==> flow/design.v <==
module my_mplex_top #(
  parameter BITS = 6,
  parameter N_IN = 8,
  parameter SW = $clog2(N_IN)
) (
  input clk_i,
  input clr,
  input adv,
  input [N_IN*BITS-1:0] in_src,
  input [SW-1:0] in_select,
  output reg [BITS-1:0] out_data_out
);
  reg [N_IN*BITS-1:0] r_src;
  always @(posedge clk_i or posedge clr) begin
    if (clr) begin
      r_src <= 0;
    end else if (adv) begin
      r_src <= in_src;
    end
  end
  reg [SW-1:0] r_select;
  always @(posedge clk_i or posedge clr) begin
    if (clr) begin
      r_select <= 0;
    end else if (adv) begin
      r_select <= in_select;
    end
  end
  localparam HALF = N_IN / 2;
  reg [BITS-1:0] r_lo;
  always @(posedge clk_i or posedge clr) begin
    if (clr) begin
      r_lo <= 0;
    end else if (adv) begin
      r_lo <= r_src[r_select[SW-2:0]*BITS +: BITS];
    end
  end
  reg [BITS-1:0] r_hi;
  always @(posedge clk_i or posedge clr) begin
    if (clr) begin
      r_hi <= 0;
    end else if (adv) begin
      r_hi <= r_src[(HALF + r_select[SW-2:0])*BITS +: BITS];
    end
  end
  reg r_select_d;
  always @(posedge clk_i or posedge clr) begin
    if (clr) begin
      r_select_d <= 1'b0;
    end else if (adv) begin
      r_select_d <= r_select[SW-1];
    end
  end
  always @(posedge clk_i or posedge clr) begin
    if (clr) begin
      out_data_out <= 0;
    end else if (adv) begin
      out_data_out <= r_select_d ? r_hi : r_lo;
    end
  end
endmodule
## Tool chain data of my_mplex_top

Tool output for the design above, in the order of the flow.
Lines are those of the file above, counted from 1.
Cell names lack the library's common part.
The mark -- stands for no value.

- Top: my_mplex_top
- Clock: clk_i
- Cell library: sky130hd
- Timing corner: tt_025C_1v80

## Elaborated design

Counts by Yosys on the flattened word-level netlist (proc, flatten, opt, wreduce; memories kept). Register bits leave out memories and registers merged into their read ports (data or address); mux counts leave out enables and synchronous resets folded into registers. Print and check cells are left out. Cells with the same type and inputs are merged into one.

- Add/sub/neg operators: 1
- Multiply operators: 2
- Shift-type cells: 2
- Mux-type cells: 1

Operators by type and width:

| operator | number |
|---|---|
| variable part select 48 x 6 -> 6 bit | 1 |
| variable part select 48 x 8 -> 6 bit | 1 |
| multiplier 4 x 2 -> 6 bit with constant B | 1 |
| multiplier 2 x 2 -> 4 bit with constant B | 1 |
| two-way mux 6 bit | 1 |
| adder 3 x 2 -> 4 bit with constant A | 1 |

- Register bits after elaboration: 70
- Input bits: 54
- Word-level cells: 12

## Longest topological paths

Yosys ltp: most cells in a row. Word level: on the elaborated netlist, between registers, memories and ports. Mapped: between sequential cells and ports; inverters and the memories' decode and read muxes count.

- Depth after elaboration: 3
- ABC_AREA: 0
- Depth in mapped cells: 5

## Synthesis result

Source: synth_stat.txt of the flow (Yosys; design flattened, memories mapped). It holds for the ABC_AREA given above (unset counts as 0); a run with the other value may have another netlist.

- Mapped cells: 206
- Chip area (Yosys): 3045.4 µm²
- Sequential part of the area: 1751.7 µm²
- Flip-flops: 70
- Buffer cells: 15

Cells by type:

| type | number |
|---|---|
| dfrtp_1 | 70 |
| mux2_2 | 40 |
| mux2i_1 | 30 |
| mux2_4 | 12 |
| o221ai_1 | 12 |
| nand2b_1 | 13 |
| buf_6 | 6 |
| a21oi_1 | 6 |
| buf_2 | 6 |
| nor2_1 | 6 |
| buf_4 | 1 |
| nand2_2 | 1 |
| clkbuf_2 | 1 |
| clkbuf_1 | 1 |
| inv_1 | 1 |

## Timing after synthesis

OpenSTA on the mapped netlist: ideal clock, no wires. The path of least setup slack (recovery checks aside). Input and output delay are each 20% of the period. Register names are those of the netlist, which keeps one name where synthesis merged equal registers.

- Path kind: reg-to-reg
- Start point: register r_select[0]
- End point: register r_hi[2]
- Clock period: 1320 ps
- Arrival: 912 ps
- Data required time: 1178 ps
- Path slack: 266 ps
- Delay of the path: 1054 ps
- Stages: 5
- Synthesis period reached: 1054 ps

"delay of the path" is the arrival time less input delay plus setup time.
"stages" counts driving pins, that of a launching flip-flop among them; a cell with two outputs on the path counts twice.
"synthesis period reached" = period - worst setup slack (recovery checks aside). The figure is calculated, with input and output delays left at 20% of the set period.
Between the ends stands the longest chain of elaborated cells between them, by number of cells; it is not shown to be the way that was timed. Of several equally long chains one is given.
Each line given opens the expression or statement behind the cell; cells for indexed reads and writes are added by Yosys, which also makes memories of some case tables.

- Path through: dfrtp_1 -> buf_4 -> buf_6 -> mux2i_1 -> o221ai_1
- Cells in the longest elaborated chain: 3
- Elaborated cells between the ends (all ways): 3
- RTL lines with such cells: 1
- Classes of those cells: add/sub: 1; mul: 1; shift: 1

RTL lines, path post-synthesis:

| item | line | text |
|---|---|---|
| start: declaration | 21 | `reg [SW-1:0] r_select;` |
| start: assignment | 24 | `r_select <= 0;` |
| start: assignment | 26 | `r_select <= in_select;` |
| adder 3 x 2 -> 4 bit | 43 | `r_hi <= r_src[(HALF + r_select[SW-2:0])*BITS +: BITS];` |
| multiplier 4 x 2 -> 6 bit | 43 |  |
| variable part select 48 x 8 -> 6 bit | 43 |  |
| end: assignment | 41 | `r_hi <= 0;` |
| end: assignment | 43 |  |
| end: declaration | 38 | `reg [BITS-1:0] r_hi;` |

## Path in the finished layout

Path of least setup slack in the final report of flow run A (OpenROAD, finished layout, wires in). Where an end is a register, its clock arrival counts in the times.
The report prints the path's times to 10 ps; the period is as set.

- Path kind: reg-to-output
- Start point: register out_data_out[1]
- End point: output out_data_out[1]
- Clock period: 1790 ps
- Arrival: 950 ps
- Data required time: 1430 ps
- Path slack: 480 ps
- Stages: 2

- Path through: dfrtp_1 -> clkdlybuf4s15_1
- Cells in the longest elaborated chain: 0
- Elaborated cells between the ends (all ways): 0
- RTL lines with such cells: 0

RTL lines, path after layout:

| item | line | text |
|---|---|---|
| start: declaration | 11 | `output reg [BITS-1:0] out_data_out` |
| start: assignment | 56 | `out_data_out <= 0;` |
| start: assignment | 58 | `out_data_out <= r_select_d ? r_hi : r_lo;` |
| end: declaration | 11 |  |

Appendix: measured runs

Module my_mplex_top, platform sky130hd: 3 stored runs of the flow (Yosys, OpenROAD) with differing settings, in no particular order. Input and output delays are each 20% of the period that was set; the output load is 0.01 pF.
"achieved clock period" means the clock period less the worst setup slack. The figure is calculated, with input and output delays left at 20% of the set period.
"critical setup path time" is the time allowed to the run's worst setup path (the clock period less input and output delay, where it has them) less its slack. Clock arrival times count: a late capture clock shortens it, a late launch clock lengthens it.
"total power after layout" rests on the timing tool's default activity at the inputs, not on a simulated workload.
"critical setup path time" is given in steps of 10 ps.

### Flow run A

==> flow/run.sh <==
#!/bin/bash
# the make line also repeats the synthesis and layout settings of config.mk as NAME=value (left out here)
make -C /OpenROAD-flow-scripts/flow DESIGN_CONFIG=/design/flow/config.mk WORK_HOME=/design/flow/orfs CLKGATE_MAP_FILE= finish
==> flow/config.mk <==
export PLATFORM = sky130hd
export DESIGN_NAME = my_mplex_top
export DESIGN_NICKNAME = my_mplex_top
export VERILOG_FILES = /design/flow/design.v
export SDC_FILE = /design/flow/constraint.sdc
export NUM_CORES = 4
export LEC_CHECK = 0
export CAP_MARGIN = 20
export CELL_PAD_IN_SITES_GLOBAL_PLACEMENT = 2
export CORE_MARGIN = 2
export CORE_UTILIZATION = 33
export CTS_CLUSTER_DIAMETER = 65
export PLACE_DENSITY_LB_ADDON = 0.09
export SETUP_SLACK_MARGIN = 0.43
export SLEW_MARGIN = 20
==> flow/constraint.sdc <==
create_clock -name core_clock -period 1.79 [get_ports {clk_i}]
set_input_delay 0.3580 -clock core_clock [delete_from_list [all_inputs] [get_ports {clk_i}]]
set_output_delay 0.3580 -clock core_clock [all_outputs]
set_load 0.01 [all_outputs]

Results of flow run A:
- Yosys chip area after synthesis: 3045.4 µm²
- Die footprint: 10013.0 µm²
- Standard-cell area after routing: 3960.1 µm²
- Utilization of the finished layout: 43.5 %
- Setup slack of the critical path: 478 ps
- Sum of negative setup slack: 0 ps
- Total power after layout: 3.706 mW
- Achieved clock period: 1312 ps
- Critical setup path time: 950 ps
- Critical path type: reg-to-output

### Flow run B

==> flow/run.sh <==
#!/bin/bash
# the make line also repeats the synthesis and layout settings of config.mk as NAME=value (left out here)
make -C /OpenROAD-flow-scripts/flow DESIGN_CONFIG=/design/flow/config.mk WORK_HOME=/design/flow/orfs CLKGATE_MAP_FILE= finish
==> flow/config.mk <==
export PLATFORM = sky130hd
export DESIGN_NAME = my_mplex_top
export DESIGN_NICKNAME = my_mplex_top
export VERILOG_FILES = /design/flow/design.v
export SDC_FILE = /design/flow/constraint.sdc
export NUM_CORES = 4
export LEC_CHECK = 0
export CAP_MARGIN = 20
export CELL_PAD_IN_SITES_DETAIL_PLACEMENT = 2
export CORE_MARGIN = 5
export CORE_UTILIZATION = 34
export PLACE_DENSITY_LB_ADDON = 0.12
export SETUP_SLACK_MARGIN = 0.08
export SLEW_MARGIN = 20
==> flow/constraint.sdc <==
create_clock -name core_clock -period 0.766 [get_ports {clk_i}]
set_input_delay 0.1532 -clock core_clock [delete_from_list [all_inputs] [get_ports {clk_i}]]
set_output_delay 0.1532 -clock core_clock [all_outputs]
set_load 0.01 [all_outputs]

Results of flow run B:
- Yosys chip area after synthesis: 3045.4 µm²
- Die footprint: 10949.5 µm²
- Standard-cell area after routing: 4251.6 µm²
- Utilization of the finished layout: 48.8 %
- Setup slack of the critical path: -347 ps
- Sum of negative setup slack: -7566 ps
- Total power after layout: 9.146 mW
- Achieved clock period: 1113 ps
- Critical setup path time: 1110 ps
- Critical path type: reg-to-reg

### Flow run C

==> flow/run.sh <==
#!/bin/bash
# the make line also repeats the synthesis and layout settings of config.mk as NAME=value (left out here)
make -C /OpenROAD-flow-scripts/flow DESIGN_CONFIG=/design/flow/config.mk WORK_HOME=/design/flow/orfs CLKGATE_MAP_FILE= finish
==> flow/config.mk <==
export PLATFORM = sky130hd
export DESIGN_NAME = my_mplex_top
export DESIGN_NICKNAME = my_mplex_top
export VERILOG_FILES = /design/flow/design.v
export SDC_FILE = /design/flow/constraint.sdc
export NUM_CORES = 4
export LEC_CHECK = 0
export CAP_MARGIN = 20
export CORE_MARGIN = 2
export CORE_UTILIZATION = 40
export SLEW_MARGIN = 20
==> flow/constraint.sdc <==
create_clock -name core_clock -period 1.32 [get_ports {clk_i}]
set_input_delay 0.2640 -clock core_clock [delete_from_list [all_inputs] [get_ports {clk_i}]]
set_output_delay 0.2640 -clock core_clock [all_outputs]
set_load 0.01 [all_outputs]

Results of flow run C:
- Yosys chip area after synthesis: 3045.4 µm²
- Die footprint: 8327.5 µm²
- Standard-cell area after routing: 3936.3 µm²
- Utilization of the finished layout: 53.7 %
- Setup slack of the critical path: 52 ps
- Sum of negative setup slack: 0 ps
- Total power after layout: 5.064 mW
- Achieved clock period: 1268 ps
- Critical setup path time: 1000 ps
- Critical path type: reg-to-output
